==> flow/design.v <==
module scratch #(
   parameter ENTRIES = 10,
   parameter WD = 6,
   parameter N_READ = 3,
   parameter NW = 1,
   parameter IDX_W = $clog2(ENTRIES)
) (
   input CLK,
   input [NW-1:0] i_we,
   input [NW*IDX_W-1:0] i_write_addr,
   input [NW*WD-1:0] i_d,
   input [N_READ*IDX_W-1:0] i_rd_addr,
   output reg [N_READ*WD-1:0] o_rd
);
   reg [WD-1:0] rf [0:ENTRIES-1];
   integer idx;
   always @(posedge CLK) begin
      for (idx = 0; idx < NW; idx = idx + 1)
         if (i_we[idx]) rf[i_write_addr[idx*IDX_W +: IDX_W]] <= i_d[idx*WD +: WD];
   end
   wire [N_READ*WD-1:0] val;
   genvar j;
   generate
      for (j = 0; j < N_READ; j = j + 1) begin : row
         assign val[j*WD +: WD] = rf[i_rd_addr[j*IDX_W +: IDX_W]];
      end
   endgenerate
   always @(posedge CLK)
      o_rd <= val;
endmodule
== Reports on scratch ==
Tool output for the design above, in the order of the flow.
Lines are those of the file above, counted from 1.
Operators carry their Yosys type and port widths (W data, S select, Z words).
Library cell names are shortened.
The mark - stands for no value.

* Top module: scratch
* Clock: CLK
* Cell library: sky130hd
* Corner: tt_025C_1v80

== Word level ==
Yosys after proc, flatten, opt, wreduce and memory -nomap, before mapping. Enables and synchronous resets that opt folds into registers are not counted as muxes. Memory bits, and registers merged into a memory's read port (data or address), are not among the register bits. Print and check cells are not counted. Equal cells are merged and count once.
Memory sizes are those after Yosys's memory passes, which may raise the word count (mostly to a power of two), join words into wider ones and drop unused or constant bits.

* Muxes and demuxes: 3

{| class="wikitable"
|+ Operator list
! cell !! number
|-
| $mux W6 || 1
|-
| $mux W4 || 1
|-
| $mux W1 || 1
|}

* Register bits after elaboration: 0
* RAM bits: 60
* Word width x clocked read ports: 18
* Memories kept: 1
* Input bits: 24

{| class="wikitable"
|+ Memories
! name !! words !! width !! rd ports !! write ports !! RTL line !! text
|-
| rf || 10 || 6 || 3 || 1 || 15 || <nowiki>reg [WD-1:0] rf [0:ENTRIES-1];</nowiki>
|}

== Depth ==
Longest topological path by Yosys (ltp), each cell counted once; first at word level (registers and memories cut), then after technology mapping (sequential cells cut; the memories' decode and read muxes count).

* Depth after elaboration: 1
* ABC_AREA: 0
* Mapped depth: 4
* Gate-level depth less buffers: 3

== After synthesis ==
Source: synth_stat.txt of the flow (Yosys; design flattened, memories mapped). It holds for the ABC_AREA given above (unset counts as 0); a run with the other value may have another netlist.

{| class="wikitable"
|+ Cells by type
! cell type !! number !! area in all (µm²)
|-
| edfxtp_1 || 60 || 1.8E+03
|-
| mux2_2 || 47 || 529.258
|-
| dfxtp_1 || 18 || 360.346
|-
| mux2i_1 || 36 || 360.346
|-
| o31ai_2 || 13 || 162.656
|-
| a22o_1 || 18 || 157.651
|-
| o22ai_1 || 18 || 112.608
|-
| nand2_1 || 22 || 82.579
|-
| mux2_1 || 7 || 78.826
|-
| buf_4 || 6 || 45.043
|-
| nor2_1 || 10 || 37.536
|-
| o31ai_1 || 5 || 37.536
|-
| buf_6 || 3 || 33.782
|-
| nand2b_1 || 5 || 31.28
|-
| nor2b_1 || 3 || 18.768
|-
| nand3b_1 || 2 || 15.014
|-
| nor3_1 || 3 || 15.014
|-
| buf_1 || 3 || 11.261
|-
| or3b_2 || 1 || 8.758
|}

* Mapped cells: 280
* Cell area after synthesis: 3900.0 µm²
* Sequential part of the area: 2162.1 µm²
* Flip-flops: 78
* Buffers: 12

== Path before layout ==
Path of least setup slack by OpenSTA after synthesis, without wires, with an ideal clock, recovery checks aside; 20% of the period is set as input and as output delay. Where synthesis merged equal registers, the netlist keeps one of their names.

* Path type: input-to-reg
* Start point: input i_write_addr[2]
* End point: memory rf[0][0]
* Period: 2120 ps
* Input delay: 424 ps
* Library setup time: 377 ps
* Launch time at the first pin: 424 ps
* Data arrival time: 1401 ps
* Data required time: 1743 ps
* Slack: 343 ps
* Delay of the path: 1354 ps
* Stages on the path: 2
* Buffers on the path: 0
* Period reached after synthesis: 1777 ps

"delay of the path" is the arrival time less input delay plus setup time.
"stages on the path": output pins that drive a net of the path, with the launching flip-flop's if there is one; two outputs of one cell count as two.
"period reached after synthesis" = period - worst setup slack (recovery checks aside). The figure is calculated, with input and output delays left at 20% of the set period.
The rows between start and end are the longest chain of elaborated cells between them; the timing report does not say that the signal goes this way. Where chains are equally long, one stands for them.
A line is the first line of the expression or statement that the cell stems from. Yosys adds cells for indexed reads and writes and turns some case tables into memories.

* Cell sequence: or3b_2 > nor3_1
* Length of the longest elaborated chain: 1
* Elaborated cells between the ends (all ways): 1

{| class="wikitable"
|+ Ends and longest elaborated chain, post-synthesis
! what !! RTL line !! text
|-
| start, declared || 10 || <nowiki>input [NW*IDX_W-1:0] i_write_addr,</nowiki>
|-
| $mux W4 || 19 || <nowiki>if (i_we[idx]) rf[i_write_addr[idx*IDX_W +: IDX_W]] <= i_d[idx*WD +: WD];</nowiki>
|-
| end, declared || 15 || <nowiki>reg [WD-1:0] rf [0:ENTRIES-1];</nowiki>
|}

== Worst path after layout ==
From the final timing report of run 1: the path of least setup slack in the routed layout; clock arrival at registers is part of the times.
The report prints the path's times to 10 ps; the period is as set.

* Path type: reg-to-output
* Start point: register o_rd[11]
* End point: output o_rd[11]
* Period: 1850 ps
* Launch time at the first pin: 350 ps
* Data arrival time: 1260 ps
* Data required time: 1480 ps
* Slack: 220 ps
* Stages on the path: 2
* Buffers on the path: 1

* Cell sequence: dfxtp_1 > clkdlybuf4s50_1
* Length of the longest elaborated chain: 0
* Elaborated cells between the ends (all ways): 0

{| class="wikitable"
|+ Ends and longest elaborated chain, after layout
! what !! RTL line !! text
|-
| start, declared || 13 || <nowiki>output reg [N_READ*WD-1:0] o_rd</nowiki>
|-
| end, declared || 13 ||
|}

Wiki page: scratch / flow data

Top module scratch; platform sky130hd; tools Yosys and OpenROAD; 3 stored runs in no particular order. Input and output delays are each 20% of the period that was set; the output load is 0.01 pF.
"clock period reached" = clock period - worst setup slack. The figure is calculated, with input and output delays left at 20% of the set period.
"worst setup path time" means the part of the period allowed to the worst setup path (the constraints hold back 20% at inputs and 20% at outputs) less its slack; where the path has registers, the arrival times of their clocks count too.
"total power after layout": no workload was simulated; the value follows from the tool's default switching activity.
"worst setup path time" is known to 10 ps.

=== Run 1 ===
{| class="wikitable"
! Setting !! Value
|-
| period_ns || 1.85
|-
| CORE_UTILIZATION || 43
|-
| PLACE_DENSITY || 0.88
|-
| GPL_ROUTABILITY_DRIVEN || 1
|-
| CTS_CLUSTER_DIAMETER || 319
|-
| SLEW_MARGIN || 40
|-
| CAP_MARGIN || 20
|-
| CORE_MARGIN || 2
|-
! Result !! Value
|-
| Post-synthesis cell area || 3900.0 µm²
|-
| Die outline area || 9847.6 µm²
|-
| Post-layout utilization || 54.6%
|-
| Setup slack of the worst path || 222 ps
|-
| Final setup TNS || 0 ps
|-
| Worst hold slack in the final report || 642 ps
|-
| Total power after layout || 0.003625 W
|-
| Clock period reached || 1628 ps
|-
| Worst setup path time || 1260 ps
|-
| Worst setup path type || reg-to-output
|}

=== Run 2 ===
{| class="wikitable"
! Setting !! Value
|-
| period_ns || 1.74
|-
| CORE_UTILIZATION || 49
|-
| SETUP_SLACK_MARGIN || 0.25
|-
| PLACE_DENSITY_LB_ADDON || 0.18
|-
| CORE_ASPECT_RATIO || 1.85
|-
| CORE_MARGIN || 4
|-
| CELL_PAD_IN_SITES_GLOBAL_PLACEMENT || 2
|-
| TNS_END_PERCENT || 30
|-
| GPL_TIMING_DRIVEN || 1
|-
| CTS_CLUSTER_SIZE || 11
|-
| CTS_CLUSTER_DIAMETER || 284
|-
| CAP_MARGIN || 15
|-
| SLEW_MARGIN || 20
|-
! Result !! Value
|-
| Post-synthesis cell area || 3900.0 µm²
|-
| Die outline area || 9518.5 µm²
|-
| Post-layout utilization || 66.3%
|-
| Setup slack of the worst path || 206 ps
|-
| Final setup TNS || 0 ps
|-
| Worst hold slack in the final report || 642 ps
|-
| Total power after layout || 0.004734 W
|-
| Clock period reached || 1534 ps
|-
| Worst setup path time || 1190 ps
|-
| Worst setup path type || reg-to-output
|}

=== Run 3 ===
{| class="wikitable"
! Setting !! Value
|-
| period_ns || 2.12
|-
| CAP_MARGIN || 20
|-
| CORE_MARGIN || 2
|-
| CORE_UTILIZATION || 40
|-
| SLEW_MARGIN || 20
|-
! Result !! Value
|-
| Post-synthesis cell area || 3900.0 µm²
|-
| Die outline area || 10555.5 µm²
|-
| Post-layout utilization || 49.8%
|-
| Setup slack of the worst path || 439 ps
|-
| Final setup TNS || 0 ps
|-
| Worst hold slack in the final report || 634 ps
|-
| Total power after layout || 0.003505 W
|-
| Clock period reached || 1681 ps
|-
| Worst setup path time || 1260 ps
|-
| Worst setup path type || input-to-reg
|}
